==> flow/design.v <==
module alu_times_top (clock, lhs, rhs, result);
   parameter XLEN = 8;
   parameter WB = 2;
   input clock;
   input [XLEN-1:0] lhs;
   input [WB-1:0] rhs;
   output [XLEN+WB-1:0] result;
   reg [XLEN-1:0] lhs_ff;
   reg [WB-1:0] rhs_ff;
   always @(posedge clock) begin
      lhs_ff <= lhs;
      rhs_ff <= rhs;
   end
   assign result = lhs_ff * rhs_ff;
endmodule
## Tool chain data of alu_times_top

Tool output for the design above, in the order of the flow.
Line numbers count from 1 in the design file above.
Cell names lack the library's common part.
The mark -- stands for no value.

- Design top: alu_times_top
- Clock input: clock
- Standard-cell library: sky130hd
- Corner: tt_025C_1v80

## Word-level counts

Yosys after proc, flatten, opt, wreduce and memory -nomap, before mapping. Enables and synchronous resets that opt folds into registers are not counted as muxes. Memory bits, and registers merged into a memory's read port (data or address), are not among the register bits. Print and check cells are not counted. Equal cells are merged and count once.

- $add $sub $neg: 0
- Multipliers: 1
- Div/mod/pow operators: 0
- $lt $le $gt $ge: 0
- Equal/unequal tests: 0
- Shift operators: 0
- Multiplexer cells: 0
- Bitwise gates (word level): 0
- Reduce/logical cells: 0

Operator list:

| operator | number |
|---|---|
| multiplier 8 x 2 -> 10 bit | 1 |

- Flip-flop bits (word level): 10
- Latch bits: 0
- Bits in writable memories: 0
- Memory bits (read-only): 0
- Word width x clocked read ports: 0
- Memories: 0
- Input bits: 11
- Output and inout bits: 10
- Cells after elaboration: 3

## Logic depth

Depth = most cells in a row (Yosys ltp): at word level without a register or memory, in the mapped netlist without a sequential cell, where the memories' decode and read muxes count.

- Depth in word-level cells: 1
- ABC_AREA: 0
- Mapped depth: 6
- Depth with buffers taken out: 6

## After synthesis

The flow's flattened synthesis, as Yosys stat reports it; memories are mapped. The netlist is that of the ABC_AREA named above (0 if unset); the other value can give another one.
Totals and module areas in this step are rounded.

Cell types:

| cell | number | area in all (sq um) |
|---|---|---|
| dfxtp_1 | 10 | 200.192 |
| and2_1 | 16 | 100.096 |
| ha_1 | 7 | 87.584 |
| a21o_1 | 3 | 22.522 |
| fa_1 | 1 | 20.019 |
| xnor2_1 | 2 | 17.517 |
| xor2_1 | 2 | 17.517 |
| a21oi_1 | 3 | 15.014 |
| a221oi_2 | 1 | 15.014 |
| o211ai_1 | 2 | 15.014 |
| o21ai_0 | 3 | 15.014 |
| a311o_1 | 1 | 10.01 |
| nor3_1 | 2 | 10.01 |
| o211a_1 | 1 | 10.01 |
| o2111ai_1 | 1 | 8.758 |
| a211oi_1 | 1 | 7.507 |
| o21a_1 | 1 | 7.507 |
| a31oi_1 | 1 | 6.256 |

Not listed: further types 4, cells in them 4.

- Standard cells after synthesis: 62
- Chip area (Yosys): 0.0006 sq mm
- Area of sequential cells: 0.0002 sq mm
- Flip-flops: 10
- Buffer cells: 0

## Path before layout

Path of least setup slack by OpenSTA after synthesis, without wires, with an ideal clock, recovery checks aside; 20% of the period is set as input and as output delay. Where synthesis merged equal registers, the netlist keeps one of their names.

- Kind: register to output
- Start: register rhs_ff[1]
- End: output port result[7]
- Period: 3.09 ns
- Output delay: 0.618 ns
- Launch time at the first pin: 0.000 ns
- Data arrival time: 1.977 ns
- Required time: 2.472 ns
- Path slack: 0.495 ns
- Delay of the path: 1.977 ns
- Stages on the path: 7
- Buffers on the path: 0
- Synthesis period reached: 2.595 ns

"delay of the path" = arrival - input delay + setup time.
A path that ends at an output port has no setup time.
"stages on the path": output pins that drive a net of the path, with the launching flip-flop's if there is one; two outputs of one cell count as two.
"synthesis period reached" = period - worst setup slack (recovery checks aside). The figure is calculated, with input and output delays left at 20% of the set period.
Between the ends stands the longest chain of elaborated cells between them, by number of cells; it is not shown to be the way that was timed. Of several equally long chains one is given.
Each line given opens the expression or statement behind the cell; cells for indexed reads and writes are added by Yosys, which also makes memories of some case tables.

- Path through: dfxtp_1 -> and2_1 -> ha_1 -> fa_1 -> a21o_1 -> a311o_1 -> a221oi_2
- Length of the longest elaborated chain: 1
- Elaborated cells on any way between the ends: 1
- RTL lines with such cells: 1
- Those cells by class: mul (1)

Ends and longest elaborated chain, after synthesis:

| what | line | source |
|---|---|---|
| from (decl) | 9 | `reg [WB-1:0] rhs_ff;` |
| from (assign) | 12 | `rhs_ff <= rhs;` |
| multiplier 8 x 2 -> 10 bit | 14 | `assign result = lhs_ff * rhs_ff;` |
| to (decl) | 7 | `output [XLEN+WB-1:0] result;` |

## Path in the finished layout

From the final timing report of run 1: the path of least setup slack in the routed layout; clock arrival at registers is part of the times.

- Kind: register to output
- Start: register lhs_ff[1]
- End: output port result[7]
- Period: 2.55 ns
- Output delay: 0.51 ns
- Launch time at the first pin: 0.25 ns
- Data arrival time: 2.07 ns
- Required time: 2.04 ns
- Path slack: -0.03 ns
- Stages on the path: 8
- Buffers on the path: 1

Between the ends stands the longest chain of elaborated cells between them, by number of cells; it is not shown to be the way that was timed. Of several equally long chains one is given.

- Path through: dfxtp_2 -> and2_4 -> ha_4 -> fa_2 -> a21o_1 -> a311o_1 -> a221oi_2 -> buf_2
- Length of the longest elaborated chain: 1
- Elaborated cells on any way between the ends: 1
- RTL lines with such cells: 1
- Those cells by class: mul (1)

Ends and longest elaborated chain, after layout:

| what | line | source |
|---|---|---|
| from (decl) | 8 | `reg [XLEN-1:0] lhs_ff;` |
| from (assign) | 11 | `lhs_ff <= lhs;` |
| multiplier 8 x 2 -> 10 bit | 14 | `assign result = lhs_ff * rhs_ff;` |
| to (decl) | 7 | `output [XLEN+WB-1:0] result;` |

alu_times_top through Yosys and OpenROAD on sky130hd: 3 stored runs, unordered, with their settings and measured results. The constraints put input and output delay at 20% of the set period each and load the outputs with 0.01 pF.
By "period reached" is meant the clock period of the run minus its worst setup slack. This is arithmetic on one report: input and output delays are still those of the set period (20% each).
By "time used up by the worst setup path" is meant the share of the clock period that the worst setup path is allowed (20% is reserved at inputs, 20% at outputs), minus its slack. Clock arrival times at its registers enter into it.
By "overall power" is meant OpenSTA's value without simulated activity: inputs other than the clock are taken to toggle once in ten clock periods, and the tool carries that through the logic.
The measured numbers are rounded.

### Run 1

==> flow/run.sh <==
#!/bin/bash
# the make line also repeats the synthesis and layout settings of config.mk as NAME=value (left out here)
make -C /OpenROAD-flow-scripts/flow DESIGN_CONFIG=/design/flow/config.mk WORK_HOME=/design/flow/orfs CLKGATE_MAP_FILE= finish
==> flow/config.mk <==
export PLATFORM = sky130hd
export DESIGN_NAME = alu_times_top
export DESIGN_NICKNAME = alu_times_top
export VERILOG_FILES = /design/flow/design.v
export SDC_FILE = /design/flow/constraint.sdc
export NUM_CORES = 4
export LEC_CHECK = 0
export CAP_MARGIN = 20
export CELL_PAD_IN_SITES_GLOBAL_PLACEMENT = 0
export CORE_MARGIN = 3
export CORE_UTILIZATION = 27
export GPL_TIMING_DRIVEN = 1
export MIN_ROUTING_LAYER = met1
export PLACE_DENSITY_LB_ADDON = 0.14
export SETUP_SLACK_MARGIN = 0.55
export SLEW_MARGIN = 20
export TNS_END_PERCENT = 5
==> flow/constraint.sdc <==
create_clock -name core_clock -period 2.55 [get_ports {clock}]
set_input_delay 0.5100 -clock core_clock [delete_from_list [all_inputs] [get_ports {clock}]]
set_output_delay 0.5100 -clock core_clock [all_outputs]
set_load 0.01 [all_outputs]

Results of run 1:
- Standard-cell area after layout: 0.001 sq mm
- Overall power: 0.45 mW
- Worst setup slack after layout: -0.029 ns
- Die size: 0.0028 sq mm
- Period reached: 2.579 ns
- Total negative slack on setup checks: -0.029 ns
- Time used up by the worst setup path: 2.07 ns
- Kind of the worst setup path: register to output
- Synthesized cell area: 0.0006 sq mm
- Worst hold slack: 0.69 ns

### Run 2

==> flow/run.sh <==
#!/bin/bash
# the make line also repeats the synthesis and layout settings of config.mk as NAME=value (left out here)
make -C /OpenROAD-flow-scripts/flow DESIGN_CONFIG=/design/flow/config.mk WORK_HOME=/design/flow/orfs CLKGATE_MAP_FILE= finish
==> flow/config.mk <==
export PLATFORM = sky130hd
export DESIGN_NAME = alu_times_top
export DESIGN_NICKNAME = alu_times_top
export VERILOG_FILES = /design/flow/design.v
export SDC_FILE = /design/flow/constraint.sdc
export NUM_CORES = 4
export LEC_CHECK = 0
export CAP_MARGIN = 20
export CELL_PAD_IN_SITES_DETAIL_PLACEMENT = 1
export CORE_ASPECT_RATIO = 1.46
export CORE_MARGIN = 2
export CORE_UTILIZATION = 35
export GPL_ROUTABILITY_DRIVEN = 1
export MAX_ROUTING_LAYER = met4
export PLACE_DENSITY_LB_ADDON = 0.26
export SETUP_SLACK_MARGIN = 0.85
export SLEW_MARGIN = 30
==> flow/constraint.sdc <==
create_clock -name core_clock -period 3.39 [get_ports {clock}]
set_input_delay 0.6780 -clock core_clock [delete_from_list [all_inputs] [get_ports {clock}]]
set_output_delay 0.6780 -clock core_clock [all_outputs]
set_load 0.01 [all_outputs]

Results of run 2:
- Standard-cell area after layout: 0.0012 sq mm
- Overall power: 0.36 mW
- Worst setup slack after layout: 0.42 ns
- Die size: 0.0021 sq mm
- Period reached: 2.973 ns
- Total negative slack on setup checks: 0.000 ns
- Time used up by the worst setup path: 2.30 ns
- Kind of the worst setup path: register to output
- Synthesized cell area: 0.0006 sq mm
- Worst hold slack: 0.86 ns

### Run 3

==> flow/run.sh <==
#!/bin/bash
# the make line also repeats the synthesis and layout settings of config.mk as NAME=value (left out here)
make -C /OpenROAD-flow-scripts/flow DESIGN_CONFIG=/design/flow/config.mk WORK_HOME=/design/flow/orfs CLKGATE_MAP_FILE= finish
==> flow/config.mk <==
export PLATFORM = sky130hd
export DESIGN_NAME = alu_times_top
export DESIGN_NICKNAME = alu_times_top
export VERILOG_FILES = /design/flow/design.v
export SDC_FILE = /design/flow/constraint.sdc
export NUM_CORES = 4
export LEC_CHECK = 0
export CAP_MARGIN = 20
export CORE_MARGIN = 2
export CORE_UTILIZATION = 40
export SLEW_MARGIN = 20
==> flow/constraint.sdc <==
create_clock -name core_clock -period 3.09 [get_ports {clock}]
set_input_delay 0.6180 -clock core_clock [delete_from_list [all_inputs] [get_ports {clock}]]
set_output_delay 0.6180 -clock core_clock [all_outputs]
set_load 0.01 [all_outputs]

Results of run 3:
- Standard-cell area after layout: 0.0009 sq mm
- Overall power: 0.33 mW
- Worst setup slack after layout: 0.15 ns
- Die size: 0.0018 sq mm
- Period reached: 2.941 ns
- Total negative slack on setup checks: 0.000 ns
- Time used up by the worst setup path: 2.32 ns
- Kind of the worst setup path: register to output
- Synthesized cell area: 0.0006 sq mm
- Worst hold slack: 0.81 ns
